==> flow/design.v <==
module dp_arith_n #(
   parameter W = 8
) (
   input  logic ck,
   input  logic resetn,
   input  logic signed [W-1:0] a_in,
   input  logic signed [W-1:0] b_in,
   input  logic dir_in,
   output logic [W-1:0] result_out,
   output logic carry_out_out
);
   logic signed [W-1:0] a_ff;
   logic signed [W-1:0] b_ff;
   logic dir_ff;
   logic [W-1:0] w2;
   assign w2 = b_ff ^ {W{dir_ff}};
   logic [W-1:0] nxt;
   assign nxt = $unsigned(a_ff) + w2 + dir_ff;
   always_ff @(posedge ck or negedge resetn) begin
      if (!resetn) begin
         a_ff <= '0;
         b_ff <= '0;
         dir_ff <= 1'b0;
         result_out <= '0;
         carry_out_out <= 1'b0;
      end else begin
         a_ff <= a_in;
         b_ff <= b_in;
         dir_ff <= dir_in;
         result_out <= nxt[W-1:0];
         carry_out_out <= (a_ff[W-1] == w2[W-1]) && (nxt[W-1] != a_ff[W-1]);
      end
   end
endmodule
==> reports on dp_arith_n <==
* Step by step through the tools: dp_arith_n
Module dp_arith_n in several versions that differ in "W"; each step lists the members. The RTL above is that of W = 8; lines are counted from 1 in the file of the member named. Operators: Yosys type, input widths -> output width; for muxes data width and select width s. Library cell names are shortened. The mark - stands for no value.
Set-up: top module dp_arith_n, clock ck, standard-cell library sky130hd, library corner tt_025C_1v80

* Members of the sweep
New or changed lines of each further member against the RTL above, in its own file; lines it lacks are not shown.
Lines new or changed:
- W 14 | RTL line 2 | parameter W = 14
- W 72 | RTL line 2 | parameter W = 72

* Elaborated design
Yosys after proc, flatten, opt, wreduce and memory -nomap, before mapping. Enables and synchronous resets that opt folds into registers are not counted as muxes. Memory bits, and registers merged into a memory's read port (data or address), are not among the register bits. Print and check cells are not counted. Equal cells are merged and count once.
Word-level totals:
- W 8 | register bits 26, input port bits 19, output and inout bits 9, word-level cells 11
- W 14 | register bits 44, input port bits 31, output and inout bits 15, word-level cells 11
- W 72 | register bits 218, input port bits 147, output and inout bits 73, word-level cells 11
Cells by class:
- W 8 | add/sub/neg operators 2, equal/unequal tests 2, bitwise gates (word level) 1, reduce/logical cells 1
- W 14 | add/sub/neg operators 2, equal/unequal tests 2, bitwise gates (word level) 1, reduce/logical cells 1
- W 72 | add/sub/neg operators 2, equal/unequal tests 2, bitwise gates (word level) 1, reduce/logical cells 1
Operators by type and width (kind and count):
- W 8 | 1 x $add 8x1->8; 1 x $add 8x8->8; 1 x $xor 8x8->8; 1 x $eq 1x1->1; 1 x $ne 1x1->1; 1 x $logic_and 1x1->1
- W 14 | 1 x $add 14x1->14; 1 x $add 14x14->14; 1 x $xor 14x14->14; 1 x $eq 1x1->1; 1 x $ne 1x1->1; 1 x $logic_and 1x1->1
- W 72 | 1 x $add 72x1->72; 1 x $add 72x72->72; 1 x $xor 72x72->72; 1 x $eq 1x1->1; 1 x $ne 1x1->1; 1 x $logic_and 1x1->1

* Depth
Longest topological path by Yosys (ltp), each cell counted once; first at word level (registers and memories cut), then after technology mapping (sequential cells cut; the memories' decode and read muxes count).
Logic depth:
- W 8 | depth after elaboration 5, ABC_AREA 0, gate-level depth with buffers 8, gate-level depth less buffers 7
- W 14 | depth after elaboration 5, ABC_AREA 0, gate-level depth with buffers 9, gate-level depth less buffers 8
- W 72 | depth after elaboration 5, ABC_AREA 0, gate-level depth with buffers 14, gate-level depth less buffers 12

* Synthesis result
Source: synth_stat.txt of the flow (Yosys; design flattened, memories mapped). It holds for the ABC_AREA given above (unset counts as 0); a run with the other value may have another netlist. The area totals of this step are shown rounded.
Synthesis totals:
- W 8 | cells in the netlist 75, synthesis area 0.00106 mm², sequential part of the area 0.000651 mm², mapped flip-flops 26, buffer cells 1
- W 14 | cells in the netlist 150, synthesis area 0.00193 mm², sequential part of the area 0.0011 mm², mapped flip-flops 44, buffer cells 2
- W 72 | cells in the netlist 987, synthesis area 0.0106 mm², sequential part of the area 0.00546 mm², mapped flip-flops 218, buffer cells 44
Cells by type (type and count):
- W 8 | 26 x dfrtp_1; 11 x xor2_1; 6 x ha_1; 1 x a31oi_4; 4 x a21oi_1; 1 x fa_1; 4 x inv_1; 4 x nand2_1; 1 x o221ai_2; 1 x mux2i_2; 1 x nor2b_4; 1 x buf_6; 1 x mux2i_1; 2 x o21ai_0; 1 x o31a_1; 1 x xnor2_1; 1 x a21o_1; 1 x o211ai_1; [+7]
- W 14 | 44 x dfrtp_1; 13 x ha_1; 17 x xor2_1; 6 x xnor2_1; 9 x a21oi_1; 4 x a21o_1; 8 x nand2_1; 7 x inv_1; 2 x and3_4; 1 x a211oi_4; 1 x fa_1; 2 x mux2i_1; 3 x nor2b_1; 2 x o21ai_2; 2 x a21boi_1; 4 x nor2_1; 3 x o21ai_0; 1 x mux2i_2; [+21]
- W 72 | 218 x dfrtp_1; 70 x ha_1; 99 x xor2_1; 93 x a21oi_1; 39 x xnor2_1; 67 x nand2_1; 29 x a21o_1; 29 x nand4_1; 48 x nor2_1; 36 x o21ai_0; 29 x o21ai_1; 27 x inv_1; 13 x o21bai_1; 17 x buf_2; 17 x nand3_1; 10 x o21a_1; 18 x clkbuf_1; 11 x nor3_1; [+117]
The mark [+n] counts cells that are not listed.

* Path before layout
OpenSTA on the mapped netlist: ideal clock, no wires. The path of least setup slack (recovery checks aside). Input and output delay are each 20% of the period. Register names are those of the netlist, which keeps one name where synthesis merged equal registers.
Timing path after synthesis:
- W 8 | kind register to register, from register dir_ff, to register result_out[6], clock period 2370 ps, path slack 474 ps, stages 8, delay of the path 1897 ps, period reached after synthesis 1896 ps
- W 14 | kind register to register, from register dir_ff, to register result_out[11], clock period 2750 ps, path slack 552 ps, stages 10, delay of the path 2199 ps, period reached after synthesis 2198 ps
- W 72 | kind register to register, from register dir_ff, to register result_out[71], clock period 4270 ps, path slack 857 ps, stages 14, delay of the path 3413 ps, period reached after synthesis 3413 ps
"delay of the path" = arrival - input delay + setup time. "stages": output pins that drive a net of the path, with the launching flip-flop's if there is one; two outputs of one cell count as two. "period reached after synthesis" = period - worst setup slack (recovery checks aside). The figure is calculated, with input and output delays left at 20% of the set period. Between the ends stands the longest chain of elaborated cells between them, by number of cells; it is not shown to be the way that was timed. Of several equally long chains one is given. A line is the first line of the expression or statement that the cell stems from. Yosys adds cells for indexed reads and writes and turns some case tables into memories.
Between the ends, after synthesis, W = 8: length of the longest elaborated chain 3
Ends and longest elaborated chain, after synthesis, W = 8:
- start, declared | RTL line 14 | logic dir_ff;
- start, assigned | RTL line 23 | dir_ff <= 1'b0;
- start, assigned | RTL line 29 | dir_ff <= dir_in;
- $xor 8x8->8 | RTL line 16 | assign w2 = b_ff ^ {W{dir_ff}};
- $add 8x8->8 | RTL line 18 | assign nxt = $unsigned(a_ff) + w2 + dir_ff;
- $add 8x1->8 | RTL line 18
- end, assigned | RTL line 24 | result_out <= '0;
- end, assigned | RTL line 30 | result_out <= nxt[W-1:0];
- end, declared | RTL line 9 | output logic [W-1:0] result_out,
Between the ends, after synthesis, W = 72: length of the longest elaborated chain 3
Ends and longest elaborated chain, after synthesis, W = 72:
- start, declared | RTL line 14 | logic dir_ff;
- start, assigned | RTL line 23 | dir_ff <= 1'b0;
- start, assigned | RTL line 29 | dir_ff <= dir_in;
- $xor 72x72->72 | RTL line 16 | assign w2 = b_ff ^ {W{dir_ff}};
- $add 72x72->72 | RTL line 18 | assign nxt = $unsigned(a_ff) + w2 + dir_ff;
- $add 72x1->72 | RTL line 18
- end, assigned | RTL line 24 | result_out <= '0;
- end, assigned | RTL line 30 | result_out <= nxt[W-1:0];
- end, declared | RTL line 9 | output logic [W-1:0] result_out,

* Timing after layout
Path of least setup slack in the final report of the run of each member (OpenROAD, finished layout, wires in). Where an end is a register, its clock arrival counts in the times. The report prints the path's times to 10 ps; the period is as set.
Timing path after layout:
- W 8 | kind register to register, from register dir_ff, to register result_out[6], clock period 2370 ps, path slack 310 ps, stages 7, arrival 2310 ps, path buffers 0
- W 14 | kind register to register, from register dir_ff, to register result_out[8], clock period 2750 ps, path slack 330 ps, stages 9, arrival 2570 ps, path buffers 0
- W 72 | kind register to register, from register dir_ff, to register result_out[64], clock period 4270 ps, path slack 390 ps, stages 12, arrival 4300 ps, path buffers 0

* Measured runs
One run of the flow (Yosys, OpenROAD) for each member, with settings and measured results. Input and output delays are each 20% of the period that was set; the output load is 0.01 pF.
Flow settings: CAP_MARGIN 20, CORE_MARGIN 2, CORE_UTILIZATION 40, SLEW_MARGIN 20
Settings that differ (period_ns):
- W 8 | 2.37
- W 14 | 2.75
- W 72 | 4.27
Measured results:
- W 8 | cell area after synthesis 0.00106 mm², die area 0.00308 mm², standard-cell area after layout 0.0014 mm², smallest setup slack 312 ps, total negative setup slack 0 ps, power consumption 993 uW, achieved clock period 2058 ps
- W 14 | cell area after synthesis 0.00193 mm², die area 0.00539 mm², standard-cell area after layout 0.00251 mm², smallest setup slack 332 ps, total negative setup slack 0 ps, power consumption 1600 uW, achieved clock period 2418 ps
- W 72 | cell area after synthesis 0.0106 mm², die area 0.0279 mm², standard-cell area after layout 0.0139 mm², smallest setup slack 391 ps, total negative setup slack 0 ps, power consumption 6520 uW, achieved clock period 3879 ps
"achieved clock period" = clock period - worst setup slack. The figure is calculated, with input and output delays left at 20% of the set period. "power consumption" rests on the timing tool's default activity at the inputs, not on a simulated workload. Measured values are rounded.
